==> flow/design.v <==
module cmp_unit_stage #(
   parameter WD = 96
) (
   input wire ck,
   input wire nrst,
   input wire [WD-1:0] i_x,
   input wire [WD-1:0] i_y,
   output reg [WD-1:0] o_low,
   output reg [WD-1:0] o_high
);
   reg [WD-1:0] x_reg;
   always @(posedge ck or negedge nrst) begin
      if (!nrst) begin
         x_reg <= 0;
      end else begin
         x_reg <= i_x;
      end
   end
   reg [WD-1:0] y_reg;
   always @(posedge ck or negedge nrst) begin
      if (!nrst) begin
         y_reg <= 0;
      end else begin
         y_reg <= i_y;
      end
   end
   reg r_reg;
   always @(posedge ck or negedge nrst) begin
      if (!nrst) begin
         r_reg <= 1'b0;
      end else begin
         r_reg <= (x_reg < y_reg);
      end
   end
   reg [WD-1:0] x_reg_d;
   always @(posedge ck or negedge nrst) begin
      if (!nrst) begin
         x_reg_d <= 0;
      end else begin
         x_reg_d <= x_reg;
      end
   end
   reg [WD-1:0] y_reg_d;
   always @(posedge ck or negedge nrst) begin
      if (!nrst) begin
         y_reg_d <= 0;
      end else begin
         y_reg_d <= y_reg;
      end
   end
   always @(posedge ck or negedge nrst) begin
      if (!nrst) begin
         o_low <= 0;
      end else begin
         o_low <= r_reg ? x_reg_d : y_reg_d;
      end
   end
   always @(posedge ck or negedge nrst) begin
      if (!nrst) begin
         o_high <= 0;
      end else begin
         o_high <= r_reg ? y_reg_d : x_reg_d;
      end
   end
endmodule
======== From RTL to reports: cmp_unit_stage ========
The steps from the RTL of cmp_unit_stage to its reports follow in flow order.
Lines are those of the file above, counted from 1.
Operators: Yosys type, input widths -> output width; for muxes data width and select width s.
Cell names lack the library's common part.
A cell with - has no value.
set-up
  design top .............................. cmp_unit_stage
  clock ................................... ck
  library ................................. sky130hd
  timing corner ........................... tt_025C_1v80

======== Word level ========
Yosys after proc, flatten, opt, wreduce and memory -nomap, before mapping. Enables and synchronous resets that opt folds into registers are not counted as muxes. Memory bits, and registers merged into a memory's read port (data or address), are not among the register bits. Print and check cells are not counted. Equal cells are merged and count once.
bit counts
  flip-flop bits (word level) ............. 577
  input port bits ......................... 194
  output and inout port bits .............. 192
  cells after elaboration ................. 10
operators by class
  magnitude comparators ................... 1
  muxes and demuxes ....................... 2
operators with widths
  kind          number
  $mux 96       2
  $lt 96x96->1  1

======== Logic depth ========
Yosys ltp: most cells in a row. Word level: on the elaborated netlist, between registers, memories and ports. Mapped: between sequential cells and ports; inverters and the memories' decode and read muxes count.
depth
  depth in word-level cells ............... 1
  ABC_AREA ................................ 0
  mapped depth ............................ 9
  gate-level depth less buffers ........... 9

======== Netlist ========
The flow's flattened synthesis, as Yosys stat reports it; memories are mapped. The netlist is that of the ABC_AREA named above (0 if unset); the other value can give another one.
cell types
  cell type  number
  dfrtp_1    577
  mux2_2     192
  ha_1       95
  inv_1      95
  a21oi_1    29
  nand4_1    16
  o21ai_0    19
  a211oi_1   11
  nand2_1    22
  clkbuf_1   21
  a21o_1     6
  nor2_1     12
  nor4_1     5
  nand3_1    6
  nor3_1     6
  a221o_1    2
  a221oi_2   1
  nand2b_1   2
Not listed: further types 11, cells in them 11.
mapped netlist
  cell count .............................. 1128
  cell area after synthesis ............... 19049.5 µm²
  area of sequential cells ................ 14438.8 µm²
  mapped flip-flops ....................... 577
  buffers ................................. 21

======== Timing after synthesis ========
OpenSTA on the mapped netlist: ideal clock, no wires. The path of least setup slack (recovery checks aside). Input and output delay are each 20% of the period. Register names are those of the netlist, which keeps one name where synthesis merged equal registers.
timing path post-synthesis
  kind .................................... register -> register
  from .................................... register x_reg[89]
  to ...................................... register r_reg
  clock period ............................ 2.55 ns
  setup time .............................. 0.066 ns
  time at the first pin ................... 0.000 ns
  arrival time ............................ 1.972 ns
  data required time ...................... 2.484 ns
  setup slack ............................. 0.511 ns
  delay of the path ....................... 2.038 ns
  stages .................................. 9
  synthesis period reached ................ 2.039 ns
"delay of the path" = arrival - input delay + setup time.
"stages": output pins that drive a net of the path, with the launching flip-flop's if there is one; two outputs of one cell count as two.
"synthesis period reached" = period - worst setup slack (recovery checks aside). The figure is calculated, with input and output delays left at 20% of the set period.
Between the ends stands the longest chain of elaborated cells between them, by number of cells; it is not shown to be the way that was timed. Of several equally long chains one is given.
A line is the first line of the expression or statement that the cell stems from. Yosys adds cells for indexed reads and writes and turns some case tables into memories.
on the way, post-synthesis
  path through ............................ dfrtp_1 > ha_1 > a21o_1 > a221o_1 > a221oi_2 > o21ai_2 > nor4_1 > o2111ai_1 > nand2_1
  length of the longest elaborated chain .. 1
ends and longest elaborated chain, post-synthesis
  item           line  RTL
  from (decl)    11    reg [WD-1:0] x_reg;
  from (assign)  14    x_reg <= 0;
  from (assign)  16    x_reg <= i_x;
  $lt 96x96->1   32    r_reg <= (x_reg < y_reg);
  to (assign)    30    r_reg <= 1'b0;
  to (assign)    32
  to (decl)      27    reg r_reg;

======== Worst path after layout ========
Path of least setup slack in the final report of flow run A (OpenROAD, finished layout, wires in). Where an end is a register, its clock arrival counts in the times.
timing path post-layout
  kind .................................... register -> register
  from .................................... register x_reg[71]
  to ...................................... register r_reg
  clock period ............................ 3.02 ns
  setup time .............................. 0.06 ns
  time at the first pin ................... 0.59 ns
  arrival time ............................ 3.19 ns
  data required time ...................... 3.55 ns
  setup slack ............................. 0.36 ns
  stages .................................. 9
Between the ends stands the longest chain of elaborated cells between them, by number of cells; it is not shown to be the way that was timed. Of several equally long chains one is given.
on the way, post-layout
  path through ............................ dfrtp_1 > ha_1 > a21oi_1 > o21ai_0 > a221oi_1 > o21ai_0 > nor4_1 > o2111ai_1 > nand2_1
  length of the longest elaborated chain .. 1
ends and longest elaborated chain, post-layout
  item           line  RTL
  from (decl)    11    reg [WD-1:0] x_reg;
  from (assign)  14    x_reg <= 0;
  from (assign)  16    x_reg <= i_x;
  $lt 96x96->1   32    r_reg <= (x_reg < y_reg);
  to (assign)    30    r_reg <= 1'b0;
  to (assign)    32
  to (decl)      27    reg r_reg;

Module cmp_unit_stage, platform sky130hd: 3 stored runs of the flow (Yosys, OpenROAD) with differing settings, in no particular order. Input and output delays are each 20% of the period that was set; the output load is 0.01 pF.
"achieved clock period (ns)" means the clock period less the worst setup slack. The figure is calculated, with input and output delays left at 20% of the set period.
"worst setup path time (ns)": the worst setup path's part of the clock period (all of it between registers, 20% less for each end at a port) less its slack. A launch clock that arrives late makes it longer, a capture clock that arrives late makes it shorter.
"finish__power__total" rests on the timing tool's default activity at the inputs, not on a simulated workload.

Flow files of flow run A
==> flow/run.sh <==
#!/bin/bash
# the make line also repeats the synthesis and layout settings of config.mk as NAME=value (left out here)
make -C /OpenROAD-flow-scripts/flow DESIGN_CONFIG=/design/flow/config.mk WORK_HOME=/design/flow/orfs CLKGATE_MAP_FILE= finish
==> flow/config.mk <==
export PLATFORM = sky130hd
export DESIGN_NAME = cmp_unit_stage
export DESIGN_NICKNAME = cmp_unit_stage
export VERILOG_FILES = /design/flow/design.v
export SDC_FILE = /design/flow/constraint.sdc
export NUM_CORES = 4
export LEC_CHECK = 0
export CAP_MARGIN = 20
export CELL_PAD_IN_SITES_GLOBAL_PLACEMENT = 2
export CORE_ASPECT_RATIO = 0.97
export CORE_MARGIN = 6
export CORE_UTILIZATION = 30
export CTS_CLUSTER_DIAMETER = 200
export CTS_CLUSTER_SIZE = 30
export GPL_ROUTABILITY_DRIVEN = 1
export GPL_TIMING_DRIVEN = 0
export MAX_ROUTING_LAYER = met5
export MIN_ROUTING_LAYER = met2
export SLEW_MARGIN = 20
==> flow/constraint.sdc <==
create_clock -name core_clock -period 3.02 [get_ports {ck}]
set_input_delay 0.6040 -clock core_clock [delete_from_list [all_inputs] [get_ports {ck}]]
set_output_delay 0.6040 -clock core_clock [all_outputs]
set_load 0.01 [all_outputs]

report of flow run A
yosys chip area after synthesis (um^2): 19049.5
finish__design__die__area: 69690.5
finish__design__instance__area__stdcell: 24798.8
finish__design__instance__utilization: 0.3968
finish__timing__setup__ws: 0.356
finish__timing__setup__tns: 0.000
finish__timing__hold__ws: 0.374
finish__power__total: 1.459e-02
achieved clock period (ns): 2.664
worst setup path time (ns): 2.66
worst setup path kind: register -> register

Flow files of flow run B
==> flow/run.sh <==
#!/bin/bash
# the make line also repeats the synthesis and layout settings of config.mk as NAME=value (left out here)
make -C /OpenROAD-flow-scripts/flow DESIGN_CONFIG=/design/flow/config.mk WORK_HOME=/design/flow/orfs CLKGATE_MAP_FILE= finish
==> flow/config.mk <==
export PLATFORM = sky130hd
export DESIGN_NAME = cmp_unit_stage
export DESIGN_NICKNAME = cmp_unit_stage
export VERILOG_FILES = /design/flow/design.v
export SDC_FILE = /design/flow/constraint.sdc
export NUM_CORES = 4
export LEC_CHECK = 0
export CAP_MARGIN = 25
export CORE_ASPECT_RATIO = 1.99
export CORE_MARGIN = 2
export CORE_UTILIZATION = 34
export CTS_CLUSTER_DIAMETER = 22
export MAX_ROUTING_LAYER = met5
export MIN_ROUTING_LAYER = met2
export PLACE_DENSITY_LB_ADDON = 0.18
export SETUP_SLACK_MARGIN = 0.05
export SLEW_MARGIN = 0
export TNS_END_PERCENT = 65
==> flow/constraint.sdc <==
create_clock -name core_clock -period 1.63 [get_ports {ck}]
set_input_delay 0.3260 -clock core_clock [delete_from_list [all_inputs] [get_ports {ck}]]
set_output_delay 0.3260 -clock core_clock [all_outputs]
set_load 0.01 [all_outputs]

report of flow run B
yosys chip area after synthesis (um^2): 19049.5
finish__design__die__area: 58051.2
finish__design__instance__area__stdcell: 27812.9
finish__design__instance__utilization: 0.5006
finish__timing__setup__ws: -0.663
finish__timing__setup__tns: -0.663
finish__timing__hold__ws: 0.116
finish__power__total: 4.342e-02
achieved clock period (ns): 2.293
worst setup path time (ns): 2.29
worst setup path kind: register -> register

Flow files of flow run C
==> flow/run.sh <==
#!/bin/bash
# the make line also repeats the synthesis and layout settings of config.mk as NAME=value (left out here)
make -C /OpenROAD-flow-scripts/flow DESIGN_CONFIG=/design/flow/config.mk WORK_HOME=/design/flow/orfs CLKGATE_MAP_FILE= finish
==> flow/config.mk <==
export PLATFORM = sky130hd
export DESIGN_NAME = cmp_unit_stage
export DESIGN_NICKNAME = cmp_unit_stage
export VERILOG_FILES = /design/flow/design.v
export SDC_FILE = /design/flow/constraint.sdc
export NUM_CORES = 4
export LEC_CHECK = 0
export CAP_MARGIN = 20
export CORE_MARGIN = 2
export CORE_UTILIZATION = 40
export SLEW_MARGIN = 20
==> flow/constraint.sdc <==
create_clock -name core_clock -period 2.55 [get_ports {ck}]
set_input_delay 0.5100 -clock core_clock [delete_from_list [all_inputs] [get_ports {ck}]]
set_output_delay 0.5100 -clock core_clock [all_outputs]
set_load 0.01 [all_outputs]

report of flow run C
yosys chip area after synthesis (um^2): 19049.5
finish__design__die__area: 49386.2
finish__design__instance__area__stdcell: 25749.7
finish__design__instance__utilization: 0.5508
finish__timing__setup__ws: 0.248
finish__timing__setup__tns: 0.000
finish__timing__hold__ws: 0.351
finish__power__total: 2.083e-02
achieved clock period (ns): 2.302
worst setup path time (ns): 2.30
worst setup path kind: register -> register
